==> flow/design.v <==
module subtractor #(
  parameter int NBITS = 12
) (
  input logic clk_i,
  input logic clr,
  input logic [NBITS-1:0] da,
  input logic [NBITS-1:0] db,
  output logic [NBITS-1:0] d
);
  always_ff @(posedge clk_i) begin
    if (clr) begin
      d <= 0;
    end else begin
      d <= (da > db) ? da - db : db - da;
    end
  end
endmodule
---- Tool chain data of subtractor ----
Tool output for the design above, in the order of the flow.
Lines are those of the file above, counted from 1.
Operators: Yosys type, input widths -> output width; for muxes data width and select width s.
Not given: --
inputs
  top ..................................... subtractor
  clock port .............................. clk_i
  cell library ............................ sky130hd
  timing corner ........................... tt_025C_1v80

---- Word level ----
Yosys after proc, flatten, opt, wreduce and memory -nomap, before mapping. Enables and synchronous resets that opt folds into registers are not counted as muxes. Memory bits, and registers merged into a memory's read port (data or address), are not among the register bits. Print and check cells are not counted. Equal cells are merged and count once.
operators by class
  add/subtract/negate cells ............... 2
  $lt $le $gt $ge ......................... 1
  muxes and demuxes ....................... 1
operators with widths
  operator        number
  $sub 12x12->12  2
  $gt 12x12->1    1
  $mux 12         1
storage and ports
  bits in registers ....................... 12
  bits of input ports ..................... 26
  elaborated cells ........................ 5

---- Logic depth ----
Longest topological path by Yosys (ltp), each cell counted once; first at word level (registers and memories cut), then after technology mapping (sequential cells cut; the memories' decode and read muxes count).
logic depth
  word-level depth ........................ 2
  ABC_AREA ................................ 1
  gate-level depth with buffers ........... 13
  mapped depth without buffers ............ 13

---- After synthesis ----
Yosys stat after the flow's synthesis: flattened, memories mapped to cells. It holds for the ABC_AREA given above (unset counts as 0); a run with the other value may have another netlist.
The area totals of this step are shown rounded.
cell types
  cell type                  number  total area (um^2)
  sky130_fd_sc_hd__nand2_1   94      352.838
  sky130_fd_sc_hd__ha_1      23      287.776
  sky130_fd_sc_hd__inv_1     67      251.491
  sky130_fd_sc_hd__dfxtp_1   12      240.23
  sky130_fd_sc_hd__nand3_1   27      135.13
  sky130_fd_sc_hd__nor2_1    33      123.869
  sky130_fd_sc_hd__xor2_1    8       70.067
  sky130_fd_sc_hd__a21oi_1   12      60.058
  sky130_fd_sc_hd__nand4_1   7       43.792
  sky130_fd_sc_hd__fa_1      2       40.038
  sky130_fd_sc_hd__o21ai_2   4       35.034
  sky130_fd_sc_hd__buf_4     3       22.522
  sky130_fd_sc_hd__xnor2_1   2       17.517
  sky130_fd_sc_hd__buf_8     1       15.014
  sky130_fd_sc_hd__o21bai_1  2       15.014
  sky130_fd_sc_hd__clkbuf_8  1       13.763
  sky130_fd_sc_hd__nand2_2   2       12.512
  sky130_fd_sc_hd__nand2_4   1       11.261
Not listed: further types 6, cells in them 6.
mapped netlist
  standard cells after synthesis .......... 307
  chip area (Yosys) ....................... 1,800 um^2
  sequential part of the area ............. 240 um^2
  flip-flops .............................. 12
  buffers ................................. 5

---- Path before layout ----
OpenSTA on the mapped netlist: ideal clock, no wires. The path of least setup slack (recovery checks aside). Input and output delay are each 20% of the period. Register names are those of the netlist, which keeps one name where synthesis merged equal registers.
path post-synthesis
  path kind ............................... input to register
  start point ............................. in da[0]
  end point ............................... reg d[10]
  period .................................. 3.06 ns
  input delay ............................. 0.612 ns
  launch time at the first pin ............ 0.612 ns
  arrival time ............................ 2.017 ns
  required time ........................... 2.947 ns
  path slack .............................. 0.930 ns
  delay of the path ....................... 1.518 ns
  stages on the path ...................... 12
  synthesis period reached ................ 2.13 ns
"delay of the path" = arrival - input delay + setup time.
"stages on the path" counts driving pins, that of a launching flip-flop among them; a cell with two outputs on the path counts twice.
"synthesis period reached" is the clock period less the worst setup slack; recovery checks do not enter. This is arithmetic on one report: input and output delays are still those of the set period (20% each).
Between the ends stands the longest chain of elaborated cells between them, by number of cells; it is not shown to be the way that was timed. Of several equally long chains one is given.
Each line given opens the expression or statement behind the cell; cells for indexed reads and writes are added by Yosys, which also makes memories of some case tables.
on the way, post-synthesis
  cell sequence ........................... sky130_fd_sc_hd__inv_1 sky130_fd_sc_hd__ha_1 sky130_fd_sc_hd__fa_1 sky130_fd_sc_hd__inv_1 sky130_fd_sc_hd__nand3_1 sky130_fd_sc_hd__nand3_1 sky130_fd_sc_hd__nand3_1 sky130_fd_sc_hd__nand3_2 sky130_fd_sc_hd__nand2_4 sky130_fd_sc_hd__buf_8 sky130_fd_sc_hd__nor2_1 sky130_fd_sc_hd__nor2_1
  length of the longest elaborated chain .. 2
RTL lines, path post-synthesis
  element         line  RTL
  from (decl)     6     input logic [NBITS-1:0] da,
  $sub 12x12->12  14    d <= (da > db) ? da - db : db - da;
  $mux 12         14
  to (assign)     12    d <= 0;
  to (assign)     14
  to (decl)       8     output logic [NBITS-1:0] d

---- Worst path after layout ----
From the final timing report of run 1: the path of least setup slack in the routed layout; clock arrival at registers is part of the times.
path post-layout
  path kind ............................... input to register
  start point ............................. in da[0]
  end point ............................... reg d[1]
  period .................................. 2.97 ns
  input delay ............................. 0.59 ns
  launch time at the first pin ............ 0.59 ns
  arrival time ............................ 2.71 ns
  required time ........................... 3.15 ns
  path slack .............................. 0.44 ns
  stages on the path ...................... 14
Between the ends stands the longest chain of elaborated cells between them, by number of cells; it is not shown to be the way that was timed. Of several equally long chains one is given.
on the way, post-layout
  cell sequence ........................... sky130_fd_sc_hd__clkdlybuf4s50_1 sky130_fd_sc_hd__inv_1 sky130_fd_sc_hd__ha_1 sky130_fd_sc_hd__fa_1 sky130_fd_sc_hd__inv_1 sky130_fd_sc_hd__nand3_1 sky130_fd_sc_hd__nand3_1 sky130_fd_sc_hd__nand3_1 sky130_fd_sc_hd__nand3_2 sky130_fd_sc_hd__nand2_4 sky130_fd_sc_hd__inv_2 sky130_fd_sc_hd__nand2_1 sky130_fd_sc_hd__nand2_1 sky130_fd_sc_hd__nor2_1
  length of the longest elaborated chain .. 2
RTL lines, path post-layout
  element         line  RTL
  from (decl)     6     input logic [NBITS-1:0] da,
  $sub 12x12->12  14    d <= (da > db) ? da - db : db - da;
  $mux 12         14
  to (assign)     12    d <= 0;
  to (assign)     14
  to (decl)       8     output logic [NBITS-1:0] d

Record of 3 stored runs of the RTL-to-layout flow on subtractor, platform sky130hd. The runs are unordered. Constraints: input delay and output delay 20% of the set period each, output load 0.01 pF.
"period reached" is the run's clock period less its worst setup slack. It is reckoned from that one timing run; input and output delays stay at 20% of the period that was set.
"time used up by the worst setup path" means the part of the period allowed to the worst setup path (the constraints hold back 20% at inputs and 20% at outputs) less its slack; where the path has registers, the arrival times of their clocks count too.
By "total power after layout" is meant OpenSTA's value without simulated activity: inputs other than the clock are taken to toggle once in ten clock periods, and the tool carries that through the logic.
Measured values are rounded.

---- run 1 ----
settings
  period_ns = 2.97
  CORE_UTILIZATION = 64
  SETUP_SLACK_MARGIN = 0.16
  PLACE_DENSITY_LB_ADDON = 0.3
  HOLD_SLACK_MARGIN = 0.11
  CELL_PAD_IN_SITES_DETAIL_PLACEMENT = 0
  ABC_AREA = 1
  CTS_CLUSTER_DIAMETER = 50
  CAP_MARGIN = 5
  MIN_ROUTING_LAYER = met2
  CORE_MARGIN = 2
  SLEW_MARGIN = 20
results
  cell area after synthesis ............... 1,800 um^2
  full die area ........................... 3,250 um^2
  area of the standard cells in the finished layout .. 2,180 um^2
  post-layout utilization ................. 80.3%
  smallest setup slack .................... 0.441 ns
  final setup TNS ......................... 0.000 ns
  worst hold slack after layout ........... 0.881 ns
  total power after layout ................ 703 uW
  period reached .......................... 2.529 ns
  time used up by the worst setup path .... 1.93 ns
  type of the worst setup path ............ input to register

---- run 2 ----
settings
  period_ns = 4.45
  CORE_UTILIZATION = 21
  SETUP_SLACK_MARGIN = 1.01
  PLACE_DENSITY_LB_ADDON = 0.03
  CORE_ASPECT_RATIO = 1.67
  CORE_MARGIN = 4
  CELL_PAD_IN_SITES_GLOBAL_PLACEMENT = 0
  TNS_END_PERCENT = 50
  ABC_AREA = 0
  GPL_TIMING_DRIVEN = 1
  CTS_CLUSTER_SIZE = 94
  CAP_MARGIN = 30
  SLEW_MARGIN = 0
results
  cell area after synthesis ............... 1,450 um^2
  full die area ........................... 8,330 um^2
  area of the standard cells in the finished layout .. 1,940 um^2
  post-layout utilization ................. 29.4%
  smallest setup slack .................... 1.16 ns
  final setup TNS ......................... 0.000 ns
  worst hold slack after layout ........... 1.40 ns
  total power after layout ................ 479 uW
  period reached .......................... 3.289 ns
  time used up by the worst setup path .... 2.40 ns
  type of the worst setup path ............ input to register

---- run 3 ----
settings
  period_ns = 3.06
  CAP_MARGIN = 20
  CORE_MARGIN = 2
  CORE_UTILIZATION = 40
  SLEW_MARGIN = 20
results
  cell area after synthesis ............... 1,450 um^2
  full die area ........................... 4,120 um^2
  area of the standard cells in the finished layout .. 1,940 um^2
  post-layout utilization ................. 56.8%
  smallest setup slack .................... 0.184 ns
  final setup TNS ......................... 0.000 ns
  worst hold slack after layout ........... 1.11 ns
  total power after layout ................ 649 uW
  period reached .......................... 2.876 ns
  time used up by the worst setup path .... 2.26 ns
  type of the worst setup path ............ input to register
